==> flow/design.v <==
module adder #(
   parameter integer DATA_W = 7
) (
   input wire sys_clk,
   input wire [DATA_W-1:0] x_i,
   input wire [DATA_W-1:0] y_i,
   output wire [DATA_W:0] sum_o
);
   reg [DATA_W-1:0] x_ff;
   reg [DATA_W-1:0] y_ff;
   reg [DATA_W:0] sum_ff;
   always @(posedge sys_clk) begin
      x_ff <= x_i;
      y_ff <= y_i;
      sum_ff <= x_ff + y_ff;
   end
   assign sum_o = sum_ff;
endmodule
==> reports on adder <==
======== From RTL to reports: adder ========
A sweep over "DATA_W": the same steps for each member of the family.
The file above is the member DATA_W=7. Line numbers count from 1 in each member's own file.
Cell names lack the library's common part.
The mark -- stands for no value.
design
  top module .............................. adder
  clock port .............................. sys_clk
  library ................................. sky130hd
  library corner .......................... tt_025C_1v80

======== Members of the sweep ========
Lines of each other member's file that are new or changed against the file above; lines that a member lacks are not shown.
new or changed lines
  DATA_W  line  source
  8       2     parameter integer DATA_W = 8
  72      2     parameter integer DATA_W = 72

======== Word-level counts ========
Counts by Yosys on the flattened word-level netlist (proc, flatten, opt, wreduce; memories kept). Register bits leave out memories and registers merged into their read ports (data or address); mux counts leave out enables and synchronous resets folded into registers. Print and check cells are left out. Cells with the same type and inputs are merged into one.
operators by class
  DATA_W  add/sub/neg operators
  7       1
  8       1
  72      1
operators by type and width
  DATA_W  kinds with counts
  7       7-bit by 7-bit adder with 8-bit output: 1
  8       8-bit by 8-bit adder with 9-bit output: 1
  72      72-bit by 72-bit adder with 73-bit output: 1
storage and ports
  DATA_W  register bits after elaboration  bits of input ports  output and inout port bits  cells after elaboration
  7       22                               15                   8                           4
  8       25                               17                   9                           4
  72      217                              145                  73                          4

======== Longest topological paths ========
Longest topological path by Yosys (ltp), each cell counted once; first at word level (registers and memories cut), then after technology mapping (sequential cells cut; the memories' decode and read muxes count).
logic depth
  DATA_W  depth in word-level cells  ABC_AREA  depth in mapped cells  mapped depth without buffers
  7       1                          0         7                      7
  8       1                          0         6                      6
  72      1                          0         11                     11

======== After synthesis ========
The flow's flattened synthesis, as Yosys stat reports it; memories are mapped. The netlist is that of the ABC_AREA named above (0 if unset); the other value can give another one.
cell types
  DATA_W  type and count
  7       dfxtp_1: 22; ha_1: 7; xnor2_1: 3; nor2b_1: 4; fa_1: 1; inv_1: 5; a21oi_1: 3; a311oi_2: 1; mux2i_1: 1; nor3_1: 2; o21ai_0: 2; a21oi_2: 1; a221oi_1: 1; o31a_1: 1; nand2_1: 2; nor2_1: 2; o21a_1: 1
  8       dfxtp_1: 25; ha_1: 8; a21oi_1: 5; a311o_1: 2; fa_1: 1; xnor2_1: 2; xor2_1: 2; a21o_1: 2; nor2b_1: 2; nand2_1: 3; mux2i_1: 1; nand3_1: 2; nor3_1: 2; a2111oi_0: 1; a221oi_1: 1; inv_1: 2; nor2_1: 2; o21bai_1: 1; (+3)
  72      dfxtp_1: 217; ha_1: 72; a21oi_1: 99; xnor2_1: 34; xor2_1: 31; a21o_1: 36; nand2_1: 70; o21ai_0: 44; nor2_1: 51; nand4_1: 17; o21bai_1: 12; inv_1: 20; o211ai_1: 10; o21a_1: 10; nor3_1: 14; a31oi_1: 11; a211oi_1: 8; clkbuf_1: 16; (+97)
The mark (+n) counts cells that are not listed.
synthesis totals
  DATA_W  standard cells after synthesis  chip area (Yosys) (sq um)  area of sequential cells (sq um)  flip-flop cells  buffers
  7       59                              726.9                      440.4                             22               0
  8       67                              824.5                      500.5                             25               0
  72      869                             8714.6                     4344.2                            217              21

======== Path before layout ========
OpenSTA on the mapped netlist: ideal clock, no wires. The path of least setup slack (recovery checks aside). Input and output delay are each 20% of the period. Register names are those of the netlist, which keeps one name where synthesis merged equal registers.
timing after synthesis
  DATA_W  path kind   start              end                  period (ps)  setup slack (ps)  driving pins on the path  path delay (ps)  synthesis period reached (ps)
  7       reg-to-reg  register x_ff[0]   register sum_ff[6]   1890         379               8                         1511             1511
  8       reg-to-reg  register x_ff[0]   register sum_ff[8]   1810         363               7                         1447             1447
  72      reg-to-reg  register x_ff[19]  register sum_ff[47]  3240         650               12                        2590             2590
"path delay" = arrival - input delay + setup time.
"driving pins on the path" counts driving pins, that of a launching flip-flop among them; a cell with two outputs on the path counts twice.
"synthesis period reached" is the clock period less the worst setup slack; recovery checks do not enter. This is arithmetic on one report: input and output delays are still those of the set period (20% each).
The rows between start and end are the longest chain of elaborated cells between them; the timing report does not say that the signal goes this way. Where chains are equally long, one stands for them.
A line is the first line of the expression or statement that the cell stems from. Yosys adds cells for indexed reads and writes and turns some case tables into memories.
on the way, after synthesis, DATA_W=7
  length of the longest elaborated chain .. 1
RTL lines, path after synthesis, DATA_W=7
  item                                    line  source
  start: declaration                      9     reg [DATA_W-1:0] x_ff;
  start: assignment                       13    x_ff <= x_i;
  7-bit by 7-bit adder with 8-bit output  15    sum_ff <= x_ff + y_ff;
  end: assignment                         15
  end: declaration                        11    reg [DATA_W:0] sum_ff;
on the way, after synthesis, DATA_W=72
  length of the longest elaborated chain .. 1
RTL lines, path after synthesis, DATA_W=72
  item                                       line  source
  start: declaration                         9     reg [DATA_W-1:0] x_ff;
  start: assignment                          13    x_ff <= x_i;
  72-bit by 72-bit adder with 73-bit output  15    sum_ff <= x_ff + y_ff;
  end: assignment                            15
  end: declaration                           11    reg [DATA_W:0] sum_ff;

======== Worst path after layout ========
From the final timing report of the run of each member: the path of least setup slack in the routed layout; clock arrival at registers is part of the times.
The report prints the path's times to 10 ps; the period is as set.
timing after layout
  DATA_W  path kind   start              end                  period (ps)  setup slack (ps)  driving pins on the path  arrival (ps)  buffers on the path
  7       reg-to-reg  register x_ff[0]   register sum_ff[6]   1890         240               8                         1840          0
  8       reg-to-reg  register x_ff[0]   register sum_ff[8]   1810         230               7                         1790          0
  72      reg-to-reg  register x_ff[18]  register sum_ff[71]  3240         260               11                        3420          0

======== Layout results ========
Settings and results of one run of the flow (Yosys, OpenROAD) for each member follow. The constraints put input and output delay at 20% of the set period each and load the outputs with 0.01 pF.
flow settings
  CAP_MARGIN .............................. 20
  CORE_MARGIN ............................. 2
  CORE_UTILIZATION ........................ 40
  SLEW_MARGIN ............................. 20
settings by member
  DATA_W  period_ns
  7       1.89
  8       1.81
  72      3.24
final reports
  DATA_W  area of the synthesized netlist (sq um)  full die area (sq um)  standard-cell area after routing (sq um)  final utilization (%)  setup slack of the critical path (ps)  total negative slack on setup checks (ps)  worst hold slack (ps)  total power after layout (uW)  period reached (ps)
  7       726.9                                    2174.4                 1001.0                                    58.0                   244                                    0                                          456                    899.8                          1646
  8       824.5                                    2440.4                 1134.8                                    57.8                   231                                    0                                          473                    1078                           1579
  72      8714.6                                   22982.6                12082.8                                   55.9                   255                                    0                                          447                    7689                           2985
"period reached" is the run's clock period less its worst setup slack. It is reckoned from that one timing run; input and output delays stay at 20% of the period that was set.
"total power after layout" rests on the timing tool's default activity at the inputs, not on a simulated workload.
